==> flow/design.v <==
module core_plus_blk #(
  parameter integer DATA_WIDTH = 8,
  parameter integer EXT = 8
) (
  input  logic clk_i,
  input  logic rst_n,
  input  logic [DATA_WIDTH-1:0] d,
  input  logic init,
  output logic [DATA_WIDTH+EXT-1:0] res
);
  logic [DATA_WIDTH+EXT-1:0] total;
  always_ff @(posedge clk_i or negedge rst_n) begin
    if (~rst_n) begin
      total <= 0;
    end else begin
      total <= init ? 0 : total + d;
    end
  end
  assign res = total;
endmodule
# Tool chain data of core_plus_blk
# Tool output for the members of one design family, told apart by "DATA_WIDTH", in the order of the flow.
# The file above is the member DATA_WIDTH=8. Line numbers count from 1 in each member's own file.
# Operators: Yosys type, input widths -> output width; for muxes data width and select width s.
inputs:
  top_module: "core_plus_blk"
  clk_port: "clk_i"
  lib: "sky130hd"
  corner: "tt_025C_1v80"

# Source of the members
# Lines of each other member's file that are new or changed against the file above; lines that a member lacks are not shown.
src_changes:
  columns: ["DATA_WIDTH", "line", "text"]
  rows:
  - [48, 2, "parameter integer DATA_WIDTH = 48,"]
  - [56, 2, "parameter integer DATA_WIDTH = 56,"]

# Word-level counts
# Counts by Yosys on the flattened word-level netlist (proc, flatten, opt, wreduce; memories kept). Register bits leave out memories and registers merged into their read ports (data or address); mux counts leave out enables and synchronous resets folded into registers. Print and check cells are left out. Cells with the same type and inputs are merged into one.
bits:
  columns: ["DATA_WIDTH", "word_cells", "in_bits", "ff_bits", "out_inout_bits"]
  rows:
  - [8, 3, 11, 16, 16]
  - [48, 3, 51, 56, 56]
  - [56, 3, 59, 64, 64]
op_classes:
  columns: ["DATA_WIDTH", "n_addsub", "muxes"]
  rows:
  - [8, 1, 1]
  - [48, 1, 1]
  - [56, 1, 1]
op_table:
  columns: ["DATA_WIDTH", "op_list"]
  rows:
  - [8, "$add 16x8->16: 1; $mux 16: 1"]
  - [48, "$add 56x48->56: 1; $mux 56: 1"]
  - [56, "$add 64x56->64: 1; $mux 64: 1"]

# Longest topological paths
# Depth = most cells in a row (Yosys ltp): at word level without a register or memory, in the mapped netlist without a sequential cell, where the memories' decode and read muxes count.
logic_depth:
  columns: ["DATA_WIDTH", "depth_word", "ABC_AREA", "depth_mapped", "ltp_nobuf"]
  rows:
  - [8, 2, 0, 8, 8]
  - [48, 2, 0, 11, 11]
  - [56, 2, 0, 12, 12]

# Synthesis result
# Yosys stat after the flow's synthesis: flattened, memories mapped to cells. It holds for the ABC_AREA given above (unset counts as 0); a run with the other value may have another netlist.
# Totals and module areas in this step are rounded.
synth_totals:
  columns: ["DATA_WIDTH", "buffers", "ff_cells", "mapped_cells", "synth_area_um2", "seq_area_um2"]
  rows:
  - [8, 2, 16, 100, 974.7, 400.4]
  - [48, 21, 56, 523, 4546, 1401]
  - [56, 27, 64, 672, 5519, 1602]
by_type:
  columns: ["DATA_WIDTH", "cell_types"]
  rows:
  - [8, "sky130_fd_sc_hd__dfrtp_1: 16; sky130_fd_sc_hd__ha_1: 8; sky130_fd_sc_hd__xor2_1: 7; sky130_fd_sc_hd__nor2_1: 12; sky130_fd_sc_hd__a21oi_1: 8; sky130_fd_sc_hd__mux2_1: 3; sky130_fd_sc_hd__nand3_1: 6; sky130_fd_sc_hd__nor2b_1: 4; sky130_fd_sc_hd__a21o_1: 3; sky130_fd_sc_hd__inv_1: 6; sky130_fd_sc_hd__o211ai_1: 3; sky130_fd_sc_hd__fa_1: 1; sky130_fd_sc_hd__a21boi_1: 2; sky130_fd_sc_hd__nand2_1: 4; sky130_fd_sc_hd__nor3b_1: 2; sky130_fd_sc_hd__a211oi_2: 1; sky130_fd_sc_hd__o211ai_2: 1; sky130_fd_sc_hd__o21ai_0: 2; (+11)"]
  - [48, "sky130_fd_sc_hd__dfrtp_1: 56; sky130_fd_sc_hd__ha_1: 48; sky130_fd_sc_hd__a21oi_1: 55; sky130_fd_sc_hd__nor2_1: 66; sky130_fd_sc_hd__xnor2_1: 27; sky130_fd_sc_hd__a21o_1: 26; sky130_fd_sc_hd__xor2_1: 17; sky130_fd_sc_hd__nand2_1: 37; sky130_fd_sc_hd__o21ai_0: 20; sky130_fd_sc_hd__o21a_1: 10; sky130_fd_sc_hd__nand3_1: 14; sky130_fd_sc_hd__nand4_1: 10; sky130_fd_sc_hd__clkbuf_1: 14; sky130_fd_sc_hd__a31oi_1: 8; sky130_fd_sc_hd__a221oi_2: 3; sky130_fd_sc_hd__o21bai_1: 6; sky130_fd_sc_hd__and2_1: 7; sky130_fd_sc_hd__and3_1: 7; (+92)"]
  - [56, "sky130_fd_sc_hd__dfrtp_1: 64; sky130_fd_sc_hd__ha_1: 56; sky130_fd_sc_hd__nor2_1: 94; sky130_fd_sc_hd__a21oi_1: 66; sky130_fd_sc_hd__nand2_1: 60; sky130_fd_sc_hd__xor2_1: 24; sky130_fd_sc_hd__o21ai_0: 41; sky130_fd_sc_hd__xnor2_1: 23; sky130_fd_sc_hd__o21a_1: 15; sky130_fd_sc_hd__nand4_1: 16; sky130_fd_sc_hd__a21o_1: 12; sky130_fd_sc_hd__nor3_1: 17; sky130_fd_sc_hd__nor2b_1: 12; sky130_fd_sc_hd__a211oi_1: 9; sky130_fd_sc_hd__buf_6: 6; sky130_fd_sc_hd__inv_1: 18; sky130_fd_sc_hd__o211ai_1: 8; sky130_fd_sc_hd__clkbuf_1: 15; (+116)"]
# A list marked (+n) leaves out that many cells.

# Worst setup path after synthesis
# Source: OpenSTA report_checks on the synthesized netlist (no wires, ideal clock, input and output delay 20% of the period each), path of least setup slack; recovery checks are left aside. Register names are those of the netlist, which keeps one name where synthesis merged equal registers.
synth_path:
  columns: ["DATA_WIDTH", "path_type", "startpoint", "endpoint", "clock_period_ps", "path_slack_ps", "path_stages", "path_delay_ps", "period_less_setup_slack_ps"]
  rows:
  - [8, "input port to flip-flop", "in d[0]", "reg total[10]", 2630, 420, 8, 1684, 2210]
  - [48, "input port to flip-flop", "in d[0]", "reg total[54]", 3800, 611, 10, 2429, 3189]
  - [56, "input port to flip-flop", "in d[15]", "reg total[51]", 3680, 591, 11, 2353, 3089]
# "path_delay_ps" = arrival - input delay + setup time.
# "path_stages": output pins that drive a net of the path, with the launching flip-flop's if there is one; two outputs of one cell count as two.
# "period_less_setup_slack_ps" is the clock period less the worst setup slack; recovery checks do not enter. This is arithmetic on one report: input and output delays are still those of the set period (20% each).
# Between the ends stands the longest chain of elaborated cells between them, by number of cells; it is not shown to be the way that was timed. Of several equally long chains one is given.
# A line is the first line of the expression or statement that the cell stems from. Yosys adds cells for indexed reads and writes and turns some case tables into memories.
synth_between_DATA_WIDTH_8:
  elab_chain_len: 2
synth_lines_DATA_WIDTH_8:
  columns: ["element", "line", "text"]
  rows:
  - ["start, declared", 7, "input  logic [DATA_WIDTH-1:0] d,"]
  - ["$add 16x8->16", 16, "total <= init ? 0 : total + d;"]
  - ["$mux 16", 16, null]
  - ["end, assigned", 14, "total <= 0;"]
  - ["end, assigned", 16, null]
  - ["end, declared", 11, "logic [DATA_WIDTH+EXT-1:0] total;"]
synth_between_DATA_WIDTH_56:
  elab_chain_len: 2
synth_lines_DATA_WIDTH_56:
  columns: ["element", "line", "text"]
  rows:
  - ["start, declared", 7, "input  logic [DATA_WIDTH-1:0] d,"]
  - ["$add 64x56->64", 16, "total <= init ? 0 : total + d;"]
  - ["$mux 64", 16, null]
  - ["end, assigned", 14, "total <= 0;"]
  - ["end, assigned", 16, null]
  - ["end, declared", 11, "logic [DATA_WIDTH+EXT-1:0] total;"]

# Path in the finished layout
# Path of least setup slack in the final report of each member's run (OpenROAD, finished layout, wires in). Where an end is a register, its clock arrival counts in the times.
# The report prints the path's times to 10 ps; the period is as set.
layout_path:
  columns: ["DATA_WIDTH", "path_type", "startpoint", "endpoint", "arrival_ps", "path_stages", "clock_period_ps", "path_buffers", "path_slack_ps"]
  rows:
  - [8, "input port to flip-flop", "in d[0]", "reg total[10]", 2580, 9, 2630, 1, 230]
  - [48, "input port to flip-flop", "in d[0]", "reg total[52]", 3650, 12, 3800, 1, 320]
  - [56, "input port to flip-flop", "in d[0]", "reg total[28]", 3690, 15, 3680, 3, 240]

# Flow runs
# One run of the flow (Yosys, OpenROAD) for each member, with settings and measured results. Input and output delays are each 20% of the period that was set; the output load is 0.01 pF.
settings:
  CAP_MARGIN: 20
  CORE_MARGIN: 2
  CORE_UTILIZATION: 40
  SLEW_MARGIN: 20
settings_diff:
  columns: ["DATA_WIDTH", "period_ns"]
  rows:
  - [8, 2.63]
  - [48, 3.8]
  - [56, 3.68]
measured:
  columns: ["DATA_WIDTH", "final_stdcell_area_um2", "setup_worst_slack_ps", "yosys.chip_area_um2", "total_die_area_um2"]
  rows:
  - [8, 1340, 231, 974.7, 2848]
  - [48, 6075, 325, 4546, 12230]
  - [56, 7776, 237, 5519, 14750]
# The measured numbers are rounded.
